==> flow/design.v <==
module gen_comparator #(
    parameter XLEN = 40,
    parameter LANES = 10
) (
    input  wire CLK,
    input  wire rst_n,
    input  wire enable,
    input  wire [LANES*XLEN-1:0] d,
    output wire [XLEN-1:0] hi
);
    reg [LANES*XLEN-1:0] d_ff;
    always @(posedge CLK or negedge rst_n) begin
        if (!rst_n) begin
            d_ff <= 0;
        end else if (enable) begin
            d_ff <= d;
        end
    end
    reg [XLEN-1:0] cur;
    integer k;
    always @* begin
        cur = d_ff[XLEN-1:0];
        for (k = 1; k < LANES; k = k + 1)
            if (d_ff[k*XLEN +: XLEN] > cur) cur = d_ff[k*XLEN +: XLEN];
    end
    reg [XLEN-1:0] hi_ff;
    always @(posedge CLK or negedge rst_n) begin
        if (!rst_n) begin
            hi_ff <= 0;
        end else if (enable) begin
            hi_ff <= cur;
        end
    end
    assign hi = hi_ff;
endmodule
# From RTL to reports: gen_comparator
# Tool output for the design above, in the order of the flow.
# Lines are those of the file above, counted from 1.
# Library cell names are shortened.
# Not given: --
[design]
top = "gen_comparator"
clock_port = "CLK"
lib = "sky130hd"
lib_corner = "tt_025C_1v80"

# Word level
# Source: Yosys, flattened and elaborated, memories not mapped. Widths are those after wreduce; folded enables and synchronous resets count as part of the registers. Registers that Yosys merges into a memory's read port (data or address) are not register bits. Print and check cells do not count. Equal cells are merged and count once.
[bits]
elab_cells = 20
mem_bits_ro = 0
clocked_rd_ports_x_width = 0
reg_bits = 440
ram_bits = 0
latchBits = 0
mem_count = 0
[op_classes]
eq_ne = 0
n_mux = 9
mul = 0
n_div = 0
n_cmp = 9
n_addsub = 0
n_logic = 0
shifts = 0
reduce_and_logical = 0
[ops]
columns = ["op", "n"]
rows = [
  ["greater-than comparator 40 bit", 9],
  ["two-way mux 40 bit", 9],
]

# Logic depth
# Longest topological path by Yosys (ltp), each cell counted once; first at word level (registers and memories cut), then after technology mapping (sequential cells cut; the memories' decode and read muxes count).
[depth]
ltp_word = 18
ABC_AREA = 0
ltp_mapped = 150

# After synthesis
# Source: synth_stat.txt of the flow (Yosys; design flattened, memories mapped). It holds for the ABC_AREA given above (unset counts as 0); a run with the other value may have another netlist.
# Totals and module areas in this step are rounded.
[by_type]
columns = ["cell_type", "n", "type_area_um2"]
rows = [
  ["dfrtp_1", 440, 1.1E+04],
  ["ha_1", 348, 4.35E+03],
  ["mux2_2", 350, 3941.28],
  ["o21ai_0", 238, 1.19E+03],
  ["nand2_1", 263, 987.197],
  ["a21oi_1", 188, 940.902],
  ["inv_1", 214, 803.27],
  ["mux2i_1", 79, 790.758],
  ["a21o_1", 72, 540.518],
  ["nand4_1", 80, 500.48],
  ["nor2_1", 129, 484.214],
  ["clkbuf_1", 115, 431.664],
  ["nand2b_1", 68, 425.408],
  ["mux2_1", 30, 337.824],
  ["o221ai_1", 38, 332.819],
  ["nor2b_1", 39, 243.984],
  ["mux2_4", 10, 150.144],
  ["nor3_1", 22, 110.106],
]
# Not listed: further types 57, cells in them 201.
[mapped]
mapped_cells = 2924
area_um2 = 29120
ffs = 440
n_buf = 129

# Worst setup path after synthesis
# Path of least setup slack by OpenSTA after synthesis, without wires, with an ideal clock, recovery checks aside; 20% of the period is set as input and as output delay. Where synthesis merged equal registers, the netlist keeps one of their names.
[synth_timing]
path_kind = "reg2reg"
start = "register d_ff[75]"
end = "register hi_ff[29]"
setup_ns = 0.090
clock_period_ns = 30.6
path_slack_ns = 6.134
t_required_ns = 30.510
arrival_time_ns = 24.375
delay_ns = 24.465
path_stages = 142
path_buffers = 18
synth_period_reached_ns = 24.466
# "delay_ns" = arrival - input delay + setup time.
# "path_stages": output pins that drive a net of the path, with the launching flip-flop's if there is one; two outputs of one cell count as two.
# "synth_period_reached_ns" = period - worst setup slack (recovery checks aside). The figure is calculated, with input and output delays left at 20% of the set period.
# Between the ends stands the longest chain of elaborated cells between them, by number of cells; it is not shown to be the way that was timed. Of several equally long chains one is given.
# Each line given opens the expression or statement behind the cell; cells for indexed reads and writes are added by Yosys, which also makes memories of some case tables.
[synth_via]
path_cell_list = "dfrtp_1 ha_1 nand4_1 nor4_1 inv_1 a31oi_1 or3_1 and2_1 clkbuf_1 clkbuf_1 a21oi_1 ha_1 nand4_1 nor2_2 nand3_1 or4_1 or4_4 o22ai_1 [... 106 more ...] a21oi_1 nor2b_1 o21ai_0 nand2b_1 a21oi_1 nor2b_1 o21ai_0 nand2b_1 a221o_1 a21oi_1 nor2b_1 o31ai_1 o211ai_1 o21ai_1 nand2_1 clkbuf_1 clkbuf_1 o221ai_1"
elab_chain_len = 18
cone_cells = 18
cone_lines = 1
classes_between = "9 x compare; 9 x mux"
[synth_rtl]
columns = ["element", "line", "source"]
rows = [
  ["from (decl)", 11, "reg [LANES*XLEN-1:0] d_ff;"],
  ["from (assign)", 14, "d_ff <= 0;"],
  ["from (assign)", 16, "d_ff <= d;"],
  ["greater-than comparator 40 bit", 24, "if (d_ff[k*XLEN +: XLEN] > cur) cur = d_ff[k*XLEN +: XLEN];"],
  ["two-way mux 40 bit", 24, ""],
  ["greater-than comparator 40 bit", 24, ""],
  ["two-way mux 40 bit", 24, ""],
  ["greater-than comparator 40 bit", 24, ""],
  ["two-way mux 40 bit", 24, ""],
  ["greater-than comparator 40 bit", 24, ""],
  ["[... 4 more ...]", "--", ""],
  ["two-way mux 40 bit", 24, ""],
  ["greater-than comparator 40 bit", 24, ""],
  ["two-way mux 40 bit", 24, ""],
  ["greater-than comparator 40 bit", 24, ""],
  ["two-way mux 40 bit", 24, ""],
  ["greater-than comparator 40 bit", 24, ""],
  ["two-way mux 40 bit", 24, ""],
  ["to (assign)", 29, "hi_ff <= 0;"],
  ["to (assign)", 31, "hi_ff <= cur;"],
  ["to (decl)", 26, "reg [XLEN-1:0] hi_ff;"],
]

# Timing after layout
# From the final timing report of record 2: the path of least setup slack in the routed layout; clock arrival at registers is part of the times.
[layout_timing]
path_kind = "reg2reg"
start = "register d_ff[75]"
end = "register hi_ff[10]"
clock_period_ns = 39.8
t_required_ns = 40.26
setup_ns = 0.11
path_slack_ns = 8.70
path_buffers = 10
arrival_time_ns = 31.55
path_stages = 130
# Between the ends stands the longest chain of elaborated cells between them, by number of cells; it is not shown to be the way that was timed. Of several equally long chains one is given.
[layout_via]
path_cell_list = "dfrtp_1 ha_1 nand4_1 nor4_1 inv_1 a31oi_1 or3_1 and2_2 buf_4 nor2_1 a21oi_1 ha_1 nand4_1 nor2_2 nand3_1 or4_1 or4_4 o22ai_1 [... 94 more ...] a21oi_1 nor2b_1 o21ai_0 nand2b_1 a21oi_1 nor2b_1 o21ai_0 nand2b_1 a221o_1 a21oi_1 nor2b_1 o31ai_1 o211ai_1 o21ai_2 buf_4 nand2_1 buf_4 o221ai_1"
elab_chain_len = 18
cone_cells = 18
cone_lines = 1
classes_between = "9 x compare; 9 x mux"
[layout_rtl]
columns = ["element", "line", "source"]
rows = [
  ["from (decl)", 11, "reg [LANES*XLEN-1:0] d_ff;"],
  ["from (assign)", 14, "d_ff <= 0;"],
  ["from (assign)", 16, "d_ff <= d;"],
  ["greater-than comparator 40 bit", 24, "if (d_ff[k*XLEN +: XLEN] > cur) cur = d_ff[k*XLEN +: XLEN];"],
  ["two-way mux 40 bit", 24, ""],
  ["greater-than comparator 40 bit", 24, ""],
  ["two-way mux 40 bit", 24, ""],
  ["greater-than comparator 40 bit", 24, ""],
  ["two-way mux 40 bit", 24, ""],
  ["greater-than comparator 40 bit", 24, ""],
  ["[... 4 more ...]", "--", ""],
  ["two-way mux 40 bit", 24, ""],
  ["greater-than comparator 40 bit", 24, ""],
  ["two-way mux 40 bit", 24, ""],
  ["greater-than comparator 40 bit", 24, ""],
  ["two-way mux 40 bit", 24, ""],
  ["greater-than comparator 40 bit", 24, ""],
  ["two-way mux 40 bit", 24, ""],
  ["to (assign)", 29, "hi_ff <= 0;"],
  ["to (assign)", 31, "hi_ff <= cur;"],
  ["to (decl)", 26, "reg [XLEN-1:0] hi_ff;"],
]

# 3 stored runs of gen_comparator in the flow (synthesis by Yosys, layout by OpenROAD, sky130hd cells), in arbitrary order. Constraints: input delay and output delay 20% of the set period each, output load 0.01 pF.
# "timing.achieved_period_ns" = clock period - worst setup slack. The figure is calculated, with input and output delays left at 20% of the set period.
# By "worst_path_time_ns" is meant the share of the clock period that the worst setup path is allowed (20% is reserved at inputs, 20% at outputs), minus its slack. Clock arrival times at its registers enter into it.
# The results are shown rounded.

[[run]]
name = "record 1"
[run.settings]
period_ns = 42.9
CORE_UTILIZATION = 69
SETUP_SLACK_MARGIN = 4.25
PLACE_DENSITY = 0.54
CELL_PAD_IN_SITES_GLOBAL_PLACEMENT = 1
CELL_PAD_IN_SITES_DETAIL_PLACEMENT = 2
GPL_TIMING_DRIVEN = 0
GPL_ROUTABILITY_DRIVEN = 1
CAP_MARGIN = 20
CORE_MARGIN = 2
SLEW_MARGIN = 20
[run.results]
outcome = "unfinished; error GPL-0301 in placement"

[[run]]
name = "record 2"
[run.settings]
period_ns = 39.8
CORE_UTILIZATION = 56
PLACE_DENSITY_LB_ADDON = 0.06
CORE_ASPECT_RATIO = 1.81
TNS_END_PERCENT = 15
GPL_TIMING_DRIVEN = 1
CAP_MARGIN = 5
CORE_MARGIN = 2
SLEW_MARGIN = 20
[run.results]
timing.achieved_period_ns = 31.096
fin_tns_ns = 0.000
die_area_um2 = 53930
worst_path_time_ns = 31.10
worst_setup_path_type = "reg2reg"
util_pct = 69.3
synthesis_area_um2 = 29120
fin_ws_ns = 8.704
ws_hold_ns = 0.503
cell_area_final_um2 = 35620

[[run]]
name = "record 3"
[run.settings]
period_ns = 30.6
CAP_MARGIN = 20
CORE_MARGIN = 2
CORE_UTILIZATION = 40
SLEW_MARGIN = 20
[run.results]
timing.achieved_period_ns = 28.350
synthesis_area_um2 = 29120
util_pct = 50.5
die_area_um2 = 74980
ws_hold_ns = 0.502
fin_ws_ns = 2.250
fin_tns_ns = 0.000
cell_area_final_um2 = 36260
worst_path_time_ns = 28.35
worst_setup_path_type = "reg2reg"
